==> flow/design.v <==
module u_muxn_blk #(
    parameter NBITS = 24,
    parameter NIN = 10,
    parameter SEL_W = $clog2(NIN)
) (
    input  CLK,
    input  rst_n,
    input  [NIN*NBITS-1:0] in,
    input  [SEL_W-1:0] idx,
    output reg [NBITS-1:0] y
);
    always @(posedge CLK or negedge rst_n) begin
        if (!rst_n) begin
            y <= 0;
        end else begin
            y <= in[idx*NBITS +: NBITS];
        end
    end
endmodule
Step by step through the tools: u_muxn_blk
What the tools print for u_muxn_blk, step after step.
Lines are those of the file above, counted from 1.
Operators carry their Yosys type and port widths (W data, S select, Z words).
Library cell names are shortened.
{"block": "setup", "design": "u_muxn_blk", "clock": "CLK", "cell_library": "sky130hd", "pvt_corner": "tt_025C_1v80"}

After elaboration
Counts by Yosys on the flattened word-level netlist (proc, flatten, opt, wreduce; memories kept). Register bits leave out memories and registers merged into their read ports (data or address); mux counts leave out enables and synchronous resets folded into registers. Print and check cells are left out. Cells with the same type and inputs are merged into one.
{"block": "word_totals", "out_inout_bits": 24, "elab_cells": 3, "in_bits": 246, "regBits": 24}
{"block": "op_classes", "mul": 1, "shift": 1}
{"block": "ops", "operator": "$shiftx A240 B10 Y24", "count": 1}
{"block": "ops", "operator": "$mul A4 B2 Y6 const B", "count": 1}

Depth
Yosys ltp: most cells in a row. Word level: on the elaborated netlist, between registers, memories and ports. Mapped: between sequential cells and ports; inverters and the memories' decode and read muxes count.
{"block": "logic_depth", "depth_word": 2, "ABC_AREA": 0, "depth_mapped": 6, "depth_no_buf": 3}

After synthesis
The flow's flattened synthesis, as Yosys stat reports it; memories are mapped. The netlist is that of the ABC_AREA named above (0 if unset); the other value can give another one.
{"block": "synth_totals", "mapped_area_um2": 2702.6, "ffs": 24, "n_buf": 27, "sequential_area_um2": 600.6, "stdcells": 246}
{"block": "by_type", "type": "mux2_2", "count": 56, "area_total_um2": 630.605}
{"block": "by_type", "type": "dfrtp_1", "count": 24, "area_total_um2": 600.576}
{"block": "by_type", "type": "mux4_2", "count": 24, "area_total_um2": 540.518}
{"block": "by_type", "type": "mux2_1", "count": 16, "area_total_um2": 180.173}
{"block": "by_type", "type": "o31ai_1", "count": 23, "area_total_um2": 172.666}
{"block": "by_type", "type": "o22ai_1", "count": 24, "area_total_um2": 150.144}
{"block": "by_type", "type": "nand2_1", "count": 25, "area_total_um2": 93.84}
{"block": "by_type", "type": "nor2_1", "count": 24, "area_total_um2": 90.086}
{"block": "by_type", "type": "buf_2", "count": 9, "area_total_um2": 45.043}
{"block": "by_type", "type": "buf_8", "count": 3, "area_total_um2": 45.043}
{"block": "by_type", "type": "buf_12", "count": 2, "area_total_um2": 40.038}
{"block": "by_type", "type": "buf_6", "count": 3, "area_total_um2": 33.782}
{"block": "by_type", "type": "buf_4", "count": 3, "area_total_um2": 22.522}
{"block": "by_type", "type": "clkbuf_1", "count": 5, "area_total_um2": 18.768}
{"block": "by_type", "type": "nor3b_2", "count": 1, "area_total_um2": 12.512}
{"block": "by_type", "type": "o31ai_2", "count": 1, "area_total_um2": 12.512}
{"block": "by_type", "type": "buf_1", "count": 2, "area_total_um2": 7.507}
{"block": "by_type", "type": "nand2b_1", "count": 1, "area_total_um2": 6.256}

Worst setup path after synthesis
Source: OpenSTA report_checks on the synthesized netlist (no wires, ideal clock, input and output delay 20% of the period each), path of least setup slack; recovery checks are left aside. Register names are those of the netlist, which keeps one name where synthesis merged equal registers.
{"block": "synth_path", "kind": "input -> register", "from": "input idx[0]", "to": "register y[0]", "tclk_ns": 1.65, "in_delay_ns": 0.330, "t_arrival_ns": 1.250, "required_ns": 1.515, "setup_ns": 0.135, "delay_ns": 1.055, "t_first_pin_ns": 0.330, "path_buffers": 3, "stages": 6, "path_slack_ns": 0.265, "period_less_setup_slack_ns": 1.385}
"delay_ns" is the arrival time less input delay plus setup time.
"stages": output pins that drive a net of the path, with the launching flip-flop's if there is one; two outputs of one cell count as two.
"period_less_setup_slack_ns" = period - worst setup slack (recovery checks aside). The figure is calculated, with input and output delays left at 20% of the set period.
The rows between start and end are the longest chain of elaborated cells between them; the timing report does not say that the signal goes this way. Where chains are equally long, one stands for them.
Each line given opens the expression or statement behind the cell; cells for indexed reads and writes are added by Yosys, which also makes memories of some case tables.
{"block": "synth_between", "path_cell_list": "buf_6 > buf_8 > buf_2 > mux2_2 > nand2_1 > o31ai_1", "elab_chain_len": 2, "cells_between": 2, "lines_between": 1, "classes_between": "mul: 1; shift: 1"}
{"block": "synth_lines", "element": "from (decl)", "line": 9, "source": "input  [SEL_W-1:0] idx,"}
{"block": "synth_lines", "element": "$mul A4 B2 Y6", "line": 16, "source": "y <= in[idx*NBITS +: NBITS];"}
{"block": "synth_lines", "element": "$shiftx A240 B10 Y24", "line": 16}
{"block": "synth_lines", "element": "to (assign)", "line": 14, "source": "y <= 0;"}
{"block": "synth_lines", "element": "to (assign)", "line": 16}
{"block": "synth_lines", "element": "to (decl)", "line": 10, "source": "output reg [NBITS-1:0] y"}

Timing after layout
From the final timing report of flow run 1: the path of least setup slack in the routed layout; clock arrival at registers is part of the times.
{"block": "layout_path", "kind": "input -> register", "from": "input idx[0]", "to": "register y[14]", "t_first_pin_ns": 0.26, "t_arrival_ns": 1.51, "required_ns": 1.46, "tclk_ns": 1.32, "path_slack_ns": -0.05, "in_delay_ns": 0.26, "stages": 6, "setup_ns": 0.16, "path_buffers": 3}
The rows between start and end are the longest chain of elaborated cells between them; the timing report does not say that the signal goes this way. Where chains are equally long, one stands for them.
{"block": "layout_between", "path_cell_list": "buf_16 > clkbuf_16 > buf_4 > mux2_1 > o22ai_1 > o31ai_1", "elab_chain_len": 2, "cells_between": 2, "lines_between": 1, "classes_between": "mul: 1; shift: 1"}
{"block": "layout_lines", "element": "from (decl)", "line": 9, "source": "input  [SEL_W-1:0] idx,"}
{"block": "layout_lines", "element": "$mul A4 B2 Y6", "line": 16, "source": "y <= in[idx*NBITS +: NBITS];"}
{"block": "layout_lines", "element": "$shiftx A240 B10 Y24", "line": 16}
{"block": "layout_lines", "element": "to (assign)", "line": 14, "source": "y <= 0;"}
{"block": "layout_lines", "element": "to (assign)", "line": 16}
{"block": "layout_lines", "element": "to (decl)", "line": 10, "source": "output reg [NBITS-1:0] y"}

# Flow runs of u_muxn_blk

Record of 3 stored runs of the RTL-to-layout flow on u_muxn_blk, platform sky130hd. The runs are unordered. Constraints: input delay and output delay 20% of the set period each, output load 0.01 pF.
By "worst_path_allowed_less_slack_ns" is meant the share of the clock period that the worst setup path is allowed (20% is reserved at inputs, 20% at outputs), minus its slack. Clock arrival times at its registers enter into it.
"power_total_uw" rests on the timing tool's default activity at the inputs, not on a simulated workload.

{"run": "flow run 1", "settings": { "period_ns": 1.32, "CORE_UTILIZATION": 31, "SETUP_SLACK_MARGIN": 0.15, "PLACE_DENSITY_LB_ADDON": 0.04, "CORE_MARGIN": 3, "CELL_PAD_IN_SITES_DETAIL_PLACEMENT": 1, "TNS_END_PERCENT": 25, "GPL_TIMING_DRIVEN": 1, "CTS_CLUSTER_SIZE": 95, "CAP_MARGIN": 40, "SLEW_MARGIN": 20 }, "results": { "post_route_util_pct": 73.7, "total_die_area_um2": 9874.4, "yosys.chip_area_um2": 2702.6, "worst_path_allowed_less_slack_ns": 1.11, "critical_path_type": "input -> register", "fin_ws_ns": -0.049, "power_total_uw": 3609 }}
{"run": "flow run 2", "settings": { "period_ns": 1.32, "CORE_UTILIZATION": 37, "SETUP_SLACK_MARGIN": 0.14, "PLACE_DENSITY": 0.54, "CELL_PAD_IN_SITES_DETAIL_PLACEMENT": 0, "TNS_END_PERCENT": 30, "GPL_ROUTABILITY_DRIVEN": 1, "SLEW_MARGIN": 25, "MIN_ROUTING_LAYER": "met1", "CAP_MARGIN": 20, "CORE_MARGIN": 2 }, "results": { "fin_ws_ns": 0.123, "post_route_util_pct": 82.6, "power_total_uw": 3079, "worst_path_allowed_less_slack_ns": 0.93, "critical_path_type": "input -> register", "yosys.chip_area_um2": 2702.6, "total_die_area_um2": 8004.0 }}
{"run": "flow run 3", "settings": { "period_ns": 1.65, "CAP_MARGIN": 20, "CORE_MARGIN": 2, "CORE_UTILIZATION": 40, "SLEW_MARGIN": 20 }, "results": { "post_route_util_pct": 85.9, "yosys.chip_area_um2": 2702.6, "total_die_area_um2": 7429.6, "fin_ws_ns": 0.107, "worst_path_allowed_less_slack_ns": 1.21, "critical_path_type": "input -> register", "power_total_uw": 2339 }}
